==> flow/design.v <==
module gen_add #(
    parameter integer XLEN = 80
) (
    input wire i_clk,
    input wire nrst,
    input wire [XLEN-1:0] da,
    input wire [XLEN-1:0] db,
    input wire cy_in,
    output reg [XLEN-1:0] sum,
    output reg carry
);
    wire [XLEN-1:0] cur;
    wire [XLEN:0] cc;
    assign cc[0] = cy_in;
    genvar g;
    generate
        for (g = 0; g < XLEN; g = g + 1) begin : u_g
            assign cur[g] = da[g] ^ db[g] ^ cc[g];
            assign cc[g+1] = (da[g] & db[g]) | (cc[g] & (da[g] ^ db[g]));
        end
    endgenerate
    always @(posedge i_clk or negedge nrst) begin
        if (!nrst) begin
            sum <= 0;
        end else begin
            sum <= cur;
        end
    end
    always @(posedge i_clk or negedge nrst) begin
        if (!nrst) begin
            carry <= 1'b0;
        end else begin
            carry <= cc[XLEN];
        end
    end
endmodule
# Tool chain data of gen_add
# The steps from the RTL of gen_add to its reports follow in flow order.
# Lines are those of the file above, counted from 1.
# Operators: Yosys type, input widths -> output width; for muxes data width and select width s.
# A cell with - has no value.
dict set report design {
  top_module {gen_add}
  clock_port {i_clk}
  cell_library {sky130hd}
  corner {tt_025C_1v80}
}

# Word-level counts
# Yosys after proc, flatten, opt, wreduce and memory -nomap, before mapping. Enables and synchronous resets that opt folds into registers are not counted as muxes. Memory bits, and registers merged into a memory's read port (data or address), are not among the register bits. Print and check cells are not counted. Equal cells are merged and count once.
dict set report bits {
  ff_bits 81
  inputBits 163
  output_inout_bits 81
  word_cells 402
}
dict set report classes {
  logic 400
}
# op n
set op_table {}
lappend op_table {{$and 1x1->1} 160}
lappend op_table {{$xor 1x1->1} 160}
lappend op_table {{$or 1x1->1} 80}

# Longest topological paths
# Depth = most cells in a row (Yosys ltp): at word level without a register or memory, in the mapped netlist without a sequential cell, where the memories' decode and read muxes count.
dict set report logic_depth {
  depth_word 161
  abc_area 0
  mapped_depth 84
  mapped_depth_nobuf 84
}

# After synthesis
# Source: synth_stat.txt of the flow (Yosys; design flattened, memories mapped). It holds for the ABC_AREA given above (unset counts as 0); a run with the other value may have another netlist.
# Totals and module areas in this step are rounded.
dict set report mapped {
  cell_count 171
  area_um2 3666
  sequential_area_um2 2027
  ffs 81
  buffers 0
}
# type n type_area_um2
set by_type {}
lappend by_type {sky130_fd_sc_hd__dfrtp_1 81 2.03E+03}
lappend by_type {sky130_fd_sc_hd__fa_1 80 1.6E+03}
lappend by_type {sky130_fd_sc_hd__inv_1 10 37.536}

# Worst setup path after synthesis
# Path of least setup slack by OpenSTA after synthesis, without wires, with an ideal clock, recovery checks aside; 20% of the period is set as input and as output delay. Where synthesis merged equal registers, the netlist keeps one of their names.
dict set report synth_timing {
  kind {input to register}
  startpoint {input port da[0]}
  endpoint {register sum[79]}
  tclk_ns 47.5
  in_delay_ns 9.500
  setup_ns 0.064
  launch_ns 9.500
  t_arrival_ns 39.866
  required_ns 47.436
  path_slack_ns 7.570
  path_delay_ns 30.430
  driving_pins 84
  path_buffers 0
  synth_period_reached_ns 39.93
}
# "path_delay_ns" is the arrival time less input delay plus setup time.
# "driving_pins" counts driving pins, that of a launching flip-flop among them; a cell with two outputs on the path counts twice.
# "synth_period_reached_ns" is the clock period less the worst setup slack; recovery checks do not enter. This is arithmetic on one report: input and output delays are still those of the set period (20% each).
# The rows between start and end are the longest chain of elaborated cells between them; the timing report does not say that the signal goes this way. Where chains are equally long, one stands for them.
# Each line given opens the expression or statement behind the cell; cells for indexed reads and writes are added by Yosys, which also makes memories of some case tables.
dict set report synth_between {
  cell_sequence {sky130_fd_sc_hd__fa_1 > sky130_fd_sc_hd__fa_1 > sky130_fd_sc_hd__fa_1 > sky130_fd_sc_hd__fa_1 > sky130_fd_sc_hd__fa_1 > sky130_fd_sc_hd__fa_1 > sky130_fd_sc_hd__fa_1 > sky130_fd_sc_hd__fa_1 > sky130_fd_sc_hd__fa_1 > sky130_fd_sc_hd__fa_1 > sky130_fd_sc_hd__fa_1 > sky130_fd_sc_hd__fa_1 > sky130_fd_sc_hd__fa_1 > sky130_fd_sc_hd__fa_1 > sky130_fd_sc_hd__fa_1 > sky130_fd_sc_hd__fa_1 > sky130_fd_sc_hd__fa_1 > sky130_fd_sc_hd__fa_1 > [48 not listed] > sky130_fd_sc_hd__fa_1 > sky130_fd_sc_hd__fa_1 > sky130_fd_sc_hd__fa_1 > sky130_fd_sc_hd__fa_1 > sky130_fd_sc_hd__fa_1 > sky130_fd_sc_hd__fa_1 > sky130_fd_sc_hd__fa_1 > sky130_fd_sc_hd__fa_1 > sky130_fd_sc_hd__fa_1 > sky130_fd_sc_hd__fa_1 > sky130_fd_sc_hd__fa_1 > sky130_fd_sc_hd__inv_1 > sky130_fd_sc_hd__fa_1 > sky130_fd_sc_hd__inv_1 > sky130_fd_sc_hd__fa_1 > sky130_fd_sc_hd__inv_1 > sky130_fd_sc_hd__fa_1 > sky130_fd_sc_hd__inv_1}
  elab_chain_len 160
  cone_cells 161
  cone_classes {logic (161)}
}
# element line
set synth_lines {}
lappend synth_lines {{from (decl)} 6} ;# input wire [XLEN-1:0] da,
lappend synth_lines {{$xor 1x1->1} 19} ;# assign cc[g+1] = (da[g] & db[g]) | (cc[g] & (da[g] ^ db[g]));
lappend synth_lines {{$and 1x1->1} 19}
lappend synth_lines {{$or 1x1->1} 19}
lappend synth_lines {{$and 1x1->1} 19}
lappend synth_lines {{$or 1x1->1} 19}
lappend synth_lines {{$and 1x1->1} 19}
lappend synth_lines {{$or 1x1->1} 19}
lappend synth_lines {{[146 not listed]} -}
lappend synth_lines {{$and 1x1->1} 19}
lappend synth_lines {{$or 1x1->1} 19}
lappend synth_lines {{$and 1x1->1} 19}
lappend synth_lines {{$or 1x1->1} 19}
lappend synth_lines {{$and 1x1->1} 19}
lappend synth_lines {{$or 1x1->1} 19}
lappend synth_lines {{$xor 1x1->1} 18} ;# assign cur[g] = da[g] ^ db[g] ^ cc[g];
lappend synth_lines {{to (assign)} 24} ;# sum <= 0;
lappend synth_lines {{to (assign)} 26} ;# sum <= cur;
lappend synth_lines {{to (decl)} 9} ;# output reg [XLEN-1:0] sum,

# Timing after layout
# From the final timing report of run A: the path of least setup slack in the routed layout; clock arrival at registers is part of the times.
dict set report layout_timing {
  kind {input to register}
  startpoint {input port da[0]}
  endpoint {register sum[79]}
  tclk_ns 47.5
  in_delay_ns 9.50
  setup_ns 0.05
  launch_ns 9.50
  t_arrival_ns 41.34
  required_ns 47.79
  path_slack_ns 6.45
  driving_pins 85
  path_buffers 1
}
# The rows between start and end are the longest chain of elaborated cells between them; the timing report does not say that the signal goes this way. Where chains are equally long, one stands for them.
dict set report layout_between {
  cell_sequence {sky130_fd_sc_hd__clkdlybuf4s50_1 > sky130_fd_sc_hd__fa_1 > sky130_fd_sc_hd__fa_1 > sky130_fd_sc_hd__fa_1 > sky130_fd_sc_hd__fa_1 > sky130_fd_sc_hd__fa_1 > sky130_fd_sc_hd__fa_1 > sky130_fd_sc_hd__fa_1 > sky130_fd_sc_hd__fa_1 > sky130_fd_sc_hd__fa_1 > sky130_fd_sc_hd__fa_1 > sky130_fd_sc_hd__fa_1 > sky130_fd_sc_hd__fa_1 > sky130_fd_sc_hd__fa_1 > sky130_fd_sc_hd__fa_1 > sky130_fd_sc_hd__fa_1 > sky130_fd_sc_hd__fa_1 > sky130_fd_sc_hd__fa_1 > [49 not listed] > sky130_fd_sc_hd__fa_1 > sky130_fd_sc_hd__fa_1 > sky130_fd_sc_hd__fa_1 > sky130_fd_sc_hd__fa_1 > sky130_fd_sc_hd__fa_1 > sky130_fd_sc_hd__fa_1 > sky130_fd_sc_hd__fa_1 > sky130_fd_sc_hd__fa_1 > sky130_fd_sc_hd__fa_1 > sky130_fd_sc_hd__fa_1 > sky130_fd_sc_hd__fa_1 > sky130_fd_sc_hd__inv_1 > sky130_fd_sc_hd__fa_1 > sky130_fd_sc_hd__inv_1 > sky130_fd_sc_hd__fa_1 > sky130_fd_sc_hd__inv_1 > sky130_fd_sc_hd__fa_1 > sky130_fd_sc_hd__inv_1}
  elab_chain_len 160
  cone_cells 161
  cone_classes {logic (161)}
}
# element line
set layout_lines {}
lappend layout_lines {{from (decl)} 6} ;# input wire [XLEN-1:0] da,
lappend layout_lines {{$xor 1x1->1} 19} ;# assign cc[g+1] = (da[g] & db[g]) | (cc[g] & (da[g] ^ db[g]));
lappend layout_lines {{$and 1x1->1} 19}
lappend layout_lines {{$or 1x1->1} 19}
lappend layout_lines {{$and 1x1->1} 19}
lappend layout_lines {{$or 1x1->1} 19}
lappend layout_lines {{$and 1x1->1} 19}
lappend layout_lines {{$or 1x1->1} 19}
lappend layout_lines {{[146 not listed]} -}
lappend layout_lines {{$and 1x1->1} 19}
lappend layout_lines {{$or 1x1->1} 19}
lappend layout_lines {{$and 1x1->1} 19}
lappend layout_lines {{$or 1x1->1} 19}
lappend layout_lines {{$and 1x1->1} 19}
lappend layout_lines {{$or 1x1->1} 19}
lappend layout_lines {{$xor 1x1->1} 18} ;# assign cur[g] = da[g] ^ db[g] ^ cc[g];
lappend layout_lines {{to (assign)} 24} ;# sum <= 0;
lappend layout_lines {{to (assign)} 26} ;# sum <= cur;
lappend layout_lines {{to (decl)} 9} ;# output reg [XLEN-1:0] sum,

; Below are 3 stored runs of the flow (Yosys, OpenROAD; platform sky130hd) on gen_add, each with its settings and what was measured, unordered. Constraints: input delay and output delay 20% of the set period each, output load 0.01 pF.
; "period_reached_ns": clock period set for the run, less the worst setup slack. It is reckoned from that one timing run; input and output delays stay at 20% of the period that was set.
; "worst_path_allowed_less_slack_ns" means the part of the period allowed to the worst setup path (the constraints hold back 20% at inputs and 20% at outputs) less its slack; where the path has registers, the arrival times of their clocks count too.
; "power_total_mw": no workload was simulated; the value follows from the tool's default switching activity.
; The measured numbers are rounded.

[run A: settings]
period_ns = 47.5
CAP_MARGIN = 20
CORE_MARGIN = 2
CORE_UTILIZATION = 40
SLEW_MARGIN = 20
[run A: results]
yosys.chip_area_um2 = 3666
total_die_area_um2 = 9947
cell_area_final_um2 = 6446
final_util_pct = 73.2
worst_setup_slack_ns = 6.452
fin_tns_ns = 0.000
power_total_mw = 0.2083
period_reached_ns = 41.048
worst_path_allowed_less_slack_ns = 31.55
critical_path_kind = input to register

[run B: settings]
period_ns = 28.7
CORE_UTILIZATION = 48
PLACE_DENSITY_LB_ADDON = 0.25
CORE_ASPECT_RATIO = 1.07
CELL_PAD_IN_SITES_GLOBAL_PLACEMENT = 2
CELL_PAD_IN_SITES_DETAIL_PLACEMENT = 2
CTS_CLUSTER_DIAMETER = 220
SLEW_MARGIN = 20
MIN_ROUTING_LAYER = met2
CAP_MARGIN = 20
CORE_MARGIN = 2
[run B: results]
outcome = did not finish, placement stopped with FLW-0024

[run C: settings]
period_ns = 27.6
CORE_UTILIZATION = 60
PLACE_DENSITY = 0.55
HOLD_SLACK_MARGIN = 0.18
CELL_PAD_IN_SITES_GLOBAL_PLACEMENT = 2
TNS_END_PERCENT = 10
ABC_AREA = 1
GPL_TIMING_DRIVEN = 1
SLEW_MARGIN = 30
CAP_MARGIN = 20
CORE_MARGIN = 2
[run C: results]
outcome = did not finish, placement stopped with GPL-0301
